==> flow/design.v <==
module sync_mag_cmp_mod #(
   parameter int W = 12
) (
   input  logic clock,
   input  logic clr,
   input  logic [W-1:0] u,
   input  logic [W-1:0] v,
   output logic le
);
   logic [W-1:0] u_q;
   logic [W-1:0] v_q;
   always_ff @(posedge clock or posedge clr) begin
      if (clr) begin
         u_q <= 0;
         v_q <= 0;
      end else begin
         u_q <= u;
         v_q <= v;
      end
   end
   assign le = (u_q <= v_q);
endmodule
# Tool chain data of sync_mag_cmp_mod

The steps from the RTL of sync_mag_cmp_mod to its reports follow in flow order.
Lines are those of the file above, counted from 1.
Operators carry their Yosys type and port widths (W data, S select, Z words).
Not given: --

Top: sync_mag_cmp_mod
Clock input: clock
Library: sky130hd
Corner: tt_025C_1v80

# Word level

Source: Yosys, flattened and elaborated, memories not mapped. Widths are those after wreduce; folded enables and synchronous resets count as part of the registers. Registers that Yosys merges into a memory's read port (data or address) are not register bits. Print and check cells do not count. Equal cells are merged and count once.

Output and inout port bits: 1
Flip-flop bits (word level): 24
Input bits: 26
Cells after elaboration: 3

$lt $le $gt $ge: 1

Operator list:

| operator       | count |
| $le A12 B12 Y1 | 1 |

# Logic depth

Depth = most cells in a row (Yosys ltp): at word level without a register or memory, in the mapped netlist without a sequential cell, where the memories' decode and read muxes count.

Word-level depth: 1
ABC_AREA: 0
Gate-level depth with buffers: 6
Gate-level depth less buffers: 6

# Mapped cells and area

Yosys stat after the flow's synthesis: flattened, memories mapped to cells. It holds for the ABC_AREA given above (unset counts as 0); a run with the other value may have another netlist.

Cell types:

| cell type                 | count | area in all (um^2) |
| sky130_fd_sc_hd__dfrtp_1  | 24    | 600.576 |
| sky130_fd_sc_hd__ha_1     | 12    | 150.144 |
| sky130_fd_sc_hd__inv_1    | 13    | 48.797 |
| sky130_fd_sc_hd__a21oi_1  | 4     | 20.019 |
| sky130_fd_sc_hd__nand4_1  | 3     | 18.768 |
| sky130_fd_sc_hd__a21o_1   | 2     | 15.014 |
| sky130_fd_sc_hd__nand3_1  | 2     | 10.01 |
| sky130_fd_sc_hd__a211oi_1 | 1     | 7.507 |
| sky130_fd_sc_hd__o211ai_1 | 1     | 7.507 |
| sky130_fd_sc_hd__o31ai_1  | 1     | 7.507 |
| sky130_fd_sc_hd__nor2b_1  | 1     | 6.256 |
| sky130_fd_sc_hd__or3_1    | 1     | 6.256 |
| sky130_fd_sc_hd__nand2_1  | 1     | 3.754 |

Area of sequential cells: 0.0006006 mm^2
Cell count: 66
Buffer cells: 0
Mapped flip-flops: 24
Cell area after synthesis: 0.0009021 mm^2

# Timing after synthesis

OpenSTA on the mapped netlist: ideal clock, no wires. The path of least setup slack (recovery checks aside). Input and output delay are each 20% of the period. Register names are those of the netlist, which keeps one name where synthesis merged equal registers.

Path kind: register -> output
From: register u_q[1]
To: output le
Launch time at the first pin: 0.000 ns
Stages: 6
Buffers on the path: 0
Delay of the path: 1.359 ns
Data required time: 1.696 ns
Arrival: 1.359 ns
Output delay: 0.424 ns
Setup slack: 0.337 ns
Period: 2.12 ns
Synthesis period reached: 1.783 ns

"delay of the path" = arrival - input delay + setup time.
At an output port there is no setup time.
"stages": output pins that drive a net of the path, with the launching flip-flop's if there is one; two outputs of one cell count as two.
"synthesis period reached" = period - worst setup slack (recovery checks aside). The figure is calculated, with input and output delays left at 20% of the set period.
The rows between start and end are the longest chain of elaborated cells between them; the timing report does not say that the signal goes this way. Where chains are equally long, one stands for them.
A line is the first line of the expression or statement that the cell stems from. Yosys adds cells for indexed reads and writes and turns some case tables into memories.

Cells stage by stage: sky130_fd_sc_hd__dfrtp_1 sky130_fd_sc_hd__ha_1 sky130_fd_sc_hd__nor2b_1 sky130_fd_sc_hd__o211ai_1 sky130_fd_sc_hd__a211oi_1 sky130_fd_sc_hd__o31ai_1
Cells in the longest elaborated chain: 1
Elaborated cells on any way between the ends: 1
RTL lines with such cells: 1
Those cells by class: compare: 1

Ends and longest elaborated chain, post-synthesis:

| what               | RTL line | source |
| start: declaration | 10       | `logic [W-1:0] u_q;` |
| start: assignment  | 14       | `u_q <= 0;` |
| start: assignment  | 17       | `u_q <= u;` |
| $le A12 B12 Y1     | 21       | `assign le = (u_q <= v_q);` |
| end: declaration   | 8        | `output logic le` |

# Timing after layout

Path of least setup slack in the final report of run B (OpenROAD, finished layout, wires in). Where an end is a register, its clock arrival counts in the times.

Path kind: register -> output
From: register u_q[1]
To: output le
Stages: 7
Data required time: 1.70 ns
Buffers on the path: 1
Launch time at the first pin: 0.31 ns
Output delay: 0.42 ns
Arrival: 1.77 ns
Period: 2.12 ns
Setup slack: -0.07 ns

The rows between start and end are the longest chain of elaborated cells between them; the timing report does not say that the signal goes this way. Where chains are equally long, one stands for them.

Cells stage by stage: sky130_fd_sc_hd__dfrtp_1 sky130_fd_sc_hd__ha_1 sky130_fd_sc_hd__nor2b_1 sky130_fd_sc_hd__o211ai_1 sky130_fd_sc_hd__a211oi_1 sky130_fd_sc_hd__o31ai_2 sky130_fd_sc_hd__buf_2
Cells in the longest elaborated chain: 1
Elaborated cells on any way between the ends: 1
RTL lines with such cells: 1
Those cells by class: compare: 1

Ends and longest elaborated chain, post-layout:

| what               | RTL line | source |
| start: declaration | 10       | `logic [W-1:0] u_q;` |
| start: assignment  | 14       | `u_q <= 0;` |
| start: assignment  | 17       | `u_q <= u;` |
| $le A12 B12 Y1     | 21       | `assign le = (u_q <= v_q);` |
| end: declaration   | 8        | `output logic le` |

Design sync_mag_cmp_mod on sky130hd. What follows are 3 stored runs of the flow, each under its own settings; their order means nothing. The constraints put input and output delay at 20% of the set period each and load the outputs with 0.01 pF.
"period reached" means the clock period less the worst setup slack. The figure is calculated, with input and output delays left at 20% of the set period.
"time used up by the worst setup path" = time allowed to the worst setup path (clock period - input delay - output delay, where it has them) - its slack; a late launch clock adds to it, a late capture clock takes from it.
Among the settings, -- means not set for that run.
A result given as -- is not shown for that run.

| setting or result                         | run A | run B              | run C              |
| period_ns                                 | 1.04  | 2.12               | 2.08               |
| CORE_UTILIZATION                          | 57    | 40                 | 44                 |
| SETUP_SLACK_MARGIN                        | 0.02  | --                 | -0.08              |
| PLACE_DENSITY                             | 0.57  | --                 | --                 |
| CELL_PAD_IN_SITES_GLOBAL_PLACEMENT        | 0     | --                 | --                 |
| CELL_PAD_IN_SITES_DETAIL_PLACEMENT        | 2     | --                 | --                 |
| TNS_END_PERCENT                           | 45    | --                 | --                 |
| ABC_AREA                                  | 0     | --                 | --                 |
| GPL_TIMING_DRIVEN                         | 1     | --                 | --                 |
| CTS_CLUSTER_SIZE                          | 16    | --                 | --                 |
| SLEW_MARGIN                               | 35    | 20                 | 35                 |
| MAX_ROUTING_LAYER                         | met5  | --                 | met5               |
| CAP_MARGIN                                | 20    | 20                 | 20                 |
| CORE_MARGIN                               | 2     | 2                  | 2                  |
| PLACE_DENSITY_LB_ADDON                    | --    | --                 | 0.27               |
| full die area (mm^2)                      | --    | 0.0026512          | 0.0024285          |
| final design utilization (%)              | --    | 58.1               | 67.7               |
| setup slack of the worst path (ns)        | --    | -0.072             | -0.126             |
| synthesized cell area (mm^2)              | --    | 0.0009021          | 0.0009021          |
| period reached (ns)                       | --    | 2.192              | 2.206              |
| std-cell area (final layout) (mm^2)       | --    | 0.0012612          | 0.0013138          |
| time used up by the worst setup path (ns) | --    | 1.77               | 1.79               |
| worst setup path kind                     | --    | register -> output | register -> output |

Run A: no final report: placement broke off with DPL-0033
